==> flow/design.v <==
module my_multiplier #(
   parameter W = 4,
   parameter G = 4
) (
   input ck,
   input i_rst,
   input [W-1:0] op_a,
   input [W-1:0] op_b,
   input start,
   output [2*W+G-1:0] res
);
   wire [2*W-1:0] r = op_a * op_b;
   reg [2*W+G-1:0] run_sum;
   assign res = run_sum;
   always @(posedge ck or posedge i_rst) begin
      if (i_rst) begin
         run_sum <= 0;
      end else begin
         run_sum <= start ? r : run_sum + r;
      end
   end
endmodule
Tool chain data of my_multiplier
A sweep over "W": the same steps for each member of the family. The RTL above is that of W = 4; lines are counted from 1 in the file of the member named. Operators: Yosys type, input widths -> output width; for muxes data width and select width s. Library cell names are shortened. The mark - stands for no value.

Design top: my_multiplier. Clock port: ck. Library: sky130hd. Library corner: tt_025C_1v80.

Members of the sweep
Lines of each other member's file that are new or changed against the file above; lines that a member lacks are not shown.

Lines new or changed: W 7 (line 2) `parameter W = 7,`; W 8 (line 2) `parameter W = 8,`; W 9 (line 2) `parameter W = 9,`; W 14 (line 2) `parameter W = 14,`; W 20 (line 2) `parameter W = 20,`.

Word level
Counts by Yosys on the flattened word-level netlist (proc, flatten, opt, wreduce; memories kept). Register bits leave out memories and registers merged into their read ports (data or address); mux counts leave out enables and synchronous resets folded into registers. Print and check cells are left out. Cells with the same type and inputs are merged into one.

Bit counts: W 4 (bits in registers 12, bits of input ports 11, output and inout port bits 12, cells after elaboration 4); W 7 (bits in registers 18, bits of input ports 17, output and inout port bits 18, cells after elaboration 4); W 8 (bits in registers 20, bits of input ports 19, output and inout port bits 20, cells after elaboration 4); W 9 (bits in registers 22, bits of input ports 21, output and inout port bits 22, cells after elaboration 4); W 14 (bits in registers 32, bits of input ports 31, output and inout port bits 32, cells after elaboration 4); W 20 (bits in registers 44, bits of input ports 43, output and inout port bits 44, cells after elaboration 4).

Cells by class: W 4 (add/sub/neg operators 1, multipliers 1, muxes and demuxes 1); W 7 (add/sub/neg operators 1, multipliers 1, muxes and demuxes 1); W 8 (add/sub/neg operators 1, multipliers 1, muxes and demuxes 1); W 9 (add/sub/neg operators 1, multipliers 1, muxes and demuxes 1); W 14 (add/sub/neg operators 1, multipliers 1, muxes and demuxes 1); W 20 (add/sub/neg operators 1, multipliers 1, muxes and demuxes 1).

Operators with widths (kinds with counts): W 4 ($mul 4x4->8 (1); $add 12x8->12 (1); $mux 12 (1)); W 7 ($mul 7x7->14 (1); $add 18x14->18 (1); $mux 18 (1)); W 8 ($mul 8x8->16 (1); $add 20x16->20 (1); $mux 20 (1)); W 9 ($mul 9x9->18 (1); $add 22x18->22 (1); $mux 22 (1)); W 14 ($mul 14x14->28 (1); $add 32x28->32 (1); $mux 32 (1)); W 20 ($mul 20x20->40 (1); $add 44x40->44 (1); $mux 44 (1)).

Logic depth
Depth = most cells in a row (Yosys ltp): at word level without a register or memory, in the mapped netlist without a sequential cell, where the memories' decode and read muxes count.

Depth: W 4 (depth in word-level cells 3, ABC_AREA 0, gate-level depth with buffers 16, mapped depth without buffers 16); W 7 (depth in word-level cells 3, ABC_AREA 0, gate-level depth with buffers 23, mapped depth without buffers 22); W 8 (depth in word-level cells 3, ABC_AREA 0, gate-level depth with buffers 22, mapped depth without buffers 22); W 9 (depth in word-level cells 3, ABC_AREA 0, gate-level depth with buffers 25, mapped depth without buffers 23); W 14 (depth in word-level cells 3, ABC_AREA 0, gate-level depth with buffers 33, mapped depth without buffers 31); W 20 (depth in word-level cells 3, ABC_AREA 0, gate-level depth with buffers 37, mapped depth without buffers 35).

After synthesis
Source: synth_stat.txt of the flow (Yosys; design flattened, memories mapped). It holds for the ABC_AREA given above (unset counts as 0); a run with the other value may have another netlist. The area totals of this step are shown rounded.

Synthesis totals: W 4 (cell count 135, synthesis area 0.00126 mm², sequential area 0.0003 mm², flip-flops 12, buffer cells 2); W 7 (cell count 323, synthesis area 0.0029 mm², sequential area 0.00045 mm², flip-flops 18, buffer cells 6); W 8 (cell count 416, synthesis area 0.00368 mm², sequential area 0.0005 mm², flip-flops 20, buffer cells 4); W 9 (cell count 509, synthesis area 0.00443 mm², sequential area 0.000551 mm², flip-flops 22, buffer cells 11); W 14 (cell count 1043, synthesis area 0.00914 mm², sequential area 0.000801 mm², flip-flops 32, buffer cells 41); W 20 (cell count 2042, synthesis area 0.0175 mm², sequential area 0.0011 mm², flip-flops 44, buffer cells 109).

Cell types (type and count): W 4 (dfrtp_1 (12); ha_1 (22); fa_1 (5); and2_1 (14); xnor2_1 (9); a21oi_1 (10); mux2_2 (4); nand2_1 (10); inv_1 (9); nor2_1 (9); o21ai_0 (6); a211oi_2 (2); mux2_1 (2); xor2_1 (2); a211oi_1 (2); a21o_1 (2); o21ai_1 (3); o21bai_1 (2); [+10]); W 7 (ha_1 (46); fa_1 (25); dfrtp_1 (18); and2_1 (39); a21oi_1 (22); o21ai_0 (22); nand2_1 (28); mux2_2 (9); xnor2_1 (11); inv_1 (25); xor2_1 (8); a21o_1 (6); nor2_1 (11); a211oi_1 (5); nand3_1 (5); nand4_1 (4); nor3_1 (5); clkbuf_1 (6); [+28]); W 8 (fa_1 (37); ha_1 (54); dfrtp_1 (20); and2_1 (56); inv_1 (56); o21ai_0 (28); xnor2_1 (15); nand2_1 (32); a21oi_1 (21); mux2_2 (8); xor2_1 (10); a21o_1 (8); nor2_1 (14); o21bai_1 (7); nand3_1 (8); a211oi_1 (4); a2111oi_4 (1); o21a_1 (3); [+34]); W 9 (fa_1 (51); ha_1 (59); dfrtp_1 (22); and2_1 (51); inv_1 (78); nand2_1 (57); a21oi_1 (27); xnor2_1 (15); mux2_2 (8); o21ai_0 (17); xor2_1 (9); nor2_1 (17); a2111oi_2 (3); a31oi_1 (7); nand3_1 (8); a21o_1 (5); nor2b_1 (6); nor4b_1 (4); [+65]); W 14 (fa_1 (142); ha_1 (125); dfrtp_1 (32); and2_1 (100); inv_1 (166); nand2_1 (139); xnor2_1 (32); a21oi_1 (52); o21ai_0 (41); a21o_1 (27); xor2_1 (21); clkbuf_1 (40); nor2_1 (28); mux2_2 (7); o21a_1 (7); a31oi_1 (8); o21bai_1 (6); nand4_1 (7); [+63]); W 20 (fa_1 (321); ha_1 (192); inv_1 (382); and2_1 (220); dfrtp_1 (44); nand2_1 (250); a21oi_1 (90); xnor2_1 (46); clkbuf_1 (99); o21ai_0 (61); a21o_1 (40); nor2_1 (74); xor2_1 (25); a211oi_1 (15); o21bai_1 (15); nand4_1 (15); mux2_2 (8); nand3_1 (17); [+128]).

The mark [+n] counts cells that are not listed.

Worst setup path after synthesis
Path of least setup slack by OpenSTA after synthesis, without wires, with an ideal clock, recovery checks aside; 20% of the period is set as input and as output delay. Where synthesis merged equal registers, the netlist keeps one of their names.

Timing after synthesis: W 4 (path type input -> register, from in op_a[0], to reg run_sum[11], period 5.26 ns, setup slack 0.844 ns, stages 16, delay of the path 3.364 ns, period reached after synthesis 4.416 ns); W 7 (path type input -> register, from in op_a[3], to reg run_sum[13], period 7.8 ns, setup slack 1.245 ns, stages 23, delay of the path 4.995 ns, period reached after synthesis 6.555 ns); W 8 (path type input -> register, from in op_a[1], to reg run_sum[19], period 7.83 ns, setup slack 1.252 ns, stages 17, delay of the path 5.013 ns, period reached after synthesis 6.578 ns); W 9 (path type input -> register, from in op_b[2], to reg run_sum[19], period 8.43 ns, setup slack 1.349 ns, stages 23, delay of the path 5.395 ns, period reached after synthesis 7.081 ns); W 14 (path type input -> register, from in op_b[2], to reg run_sum[29], period 10.9 ns, setup slack 1.744 ns, stages 33, delay of the path 6.977 ns, period reached after synthesis 9.156 ns); W 20 (path type input -> register, from in op_b[2], to reg run_sum[40], period 12.4 ns, setup slack 2.002 ns, stages 35, delay of the path 7.918 ns, period reached after synthesis 10.398 ns).

"delay of the path" is the arrival time less input delay plus setup time. "stages" counts driving pins, that of a launching flip-flop among them; a cell with two outputs on the path counts twice. "period reached after synthesis" is the clock period less the worst setup slack; recovery checks do not enter. This is arithmetic on one report: input and output delays are still those of the set period (20% each). The rows between start and end are the longest chain of elaborated cells between them; the timing report does not say that the signal goes this way. Where chains are equally long, one stands for them. Each line given opens the expression or statement behind the cell; cells for indexed reads and writes are added by Yosys, which also makes memories of some case tables.

On the way, after synthesis, W = 4:
For cells in the longest elaborated chain the number is 3.

Ends and longest elaborated chain, after synthesis, W = 4: start: declaration (line 7) `input [W-1:0] op_a,`; $mul 4x4->8 (line 12) `wire [2*W-1:0] r = op_a * op_b;`; $add 12x8->12 (line 19) `run_sum <= start ? r : run_sum + r;`; $mux 12 (line 19); end: assignment (line 17) `run_sum <= 0;`; end: assignment (line 19); end: declaration (line 13) `reg [2*W+G-1:0] run_sum;`.

On the way, after synthesis, W = 20:
For cells in the longest elaborated chain the number is 3.

Ends and longest elaborated chain, after synthesis, W = 20: start: declaration (line 8) `input [W-1:0] op_b,`; $mul 20x20->40 (line 12) `wire [2*W-1:0] r = op_a * op_b;`; $add 44x40->44 (line 19) `run_sum <= start ? r : run_sum + r;`; $mux 44 (line 19); end: assignment (line 17) `run_sum <= 0;`; end: assignment (line 19); end: declaration (line 13) `reg [2*W+G-1:0] run_sum;`.

Path in the finished layout
Path of least setup slack in the final report of each member's run (OpenROAD, finished layout, wires in). Where an end is a register, its clock arrival counts in the times.

Timing post-layout: W 4 (path type input -> register, from in op_a[0], to reg run_sum[11], period 5.26 ns, setup slack 0.37 ns, stages 17, data arrival time 5.05 ns, buffers on the path 1); W 7 (path type input -> register, from in op_a[3], to reg run_sum[15], period 7.8 ns, setup slack 0.55 ns, stages 23, data arrival time 7.40 ns, buffers on the path 1); W 8 (path type input -> register, from in op_a[0], to reg run_sum[19], period 7.83 ns, setup slack 0.59 ns, stages 19, data arrival time 7.40 ns, buffers on the path 1); W 9 (path type input -> register, from in op_b[2], to reg run_sum[19], period 8.43 ns, setup slack 0.78 ns, stages 22, data arrival time 7.83 ns, buffers on the path 1); W 14 (path type input -> register, from in op_b[3], to reg run_sum[29], period 10.9 ns, setup slack 0.84 ns, stages 32, data arrival time 10.19 ns, buffers on the path 1); W 20 (path type input -> register, from in op_b[2], to reg run_sum[40], period 12.4 ns, setup slack 0.73 ns, stages 33, data arrival time 11.84 ns, buffers on the path 1).

Layout results
Settings and results of one run of the flow (Yosys, OpenROAD) for each member follow. The constraints put input and output delay at 20% of the set period each and load the outputs with 0.01 pF.

Under CAP_MARGIN stands 20. CORE_MARGIN: 2. Under CORE_UTILIZATION stands 40. SLEW_MARGIN: 20.

Settings that differ (period_ns): W 4 (5.26); W 7 (7.8); W 8 (7.83); W 9 (8.43); W 14 (10.9); W 20 (12.4).

Measured results: W 4 (netlist area reported by Yosys 0.00126 mm², total die area 0.00362 mm², standard-cell area after routing 0.00155 mm², worst setup slack after layout 0.366 ns, sum of negative setup slack 0.000 ns, lowest hold slack 0.589 ns, reached clock period 4.894 ns); W 7 (netlist area reported by Yosys 0.0029 mm², total die area 0.00795 mm², standard-cell area after routing 0.0034 mm², worst setup slack after layout 0.548 ns, sum of negative setup slack 0.000 ns, lowest hold slack 0.562 ns, reached clock period 7.252 ns); W 8 (netlist area reported by Yosys 0.00368 mm², total die area 0.00998 mm², standard-cell area after routing 0.00423 mm², worst setup slack after layout 0.594 ns, sum of negative setup slack 0.000 ns, lowest hold slack 0.636 ns, reached clock period 7.236 ns); W 9 (netlist area reported by Yosys 0.00443 mm², total die area 0.0119 mm², standard-cell area after routing 0.00508 mm², worst setup slack after layout 0.776 ns, sum of negative setup slack 0.000 ns, lowest hold slack 0.611 ns, reached clock period 7.654 ns); W 14 (netlist area reported by Yosys 0.00914 mm², total die area 0.0241 mm², standard-cell area after routing 0.0102 mm², worst setup slack after layout 0.838 ns, sum of negative setup slack 0.000 ns, lowest hold slack 0.544 ns, reached clock period 10.062 ns); W 20 (netlist area reported by Yosys 0.0175 mm², total die area 0.0454 mm², standard-cell area after routing 0.0192 mm², worst setup slack after layout 0.732 ns, sum of negative setup slack 0.000 ns, lowest hold slack 0.597 ns, reached clock period 11.668 ns).

"reached clock period" is the run's clock period less its worst setup slack. It is reckoned from that one timing run; input and output delays stay at 20% of the period that was set. The results are shown rounded.
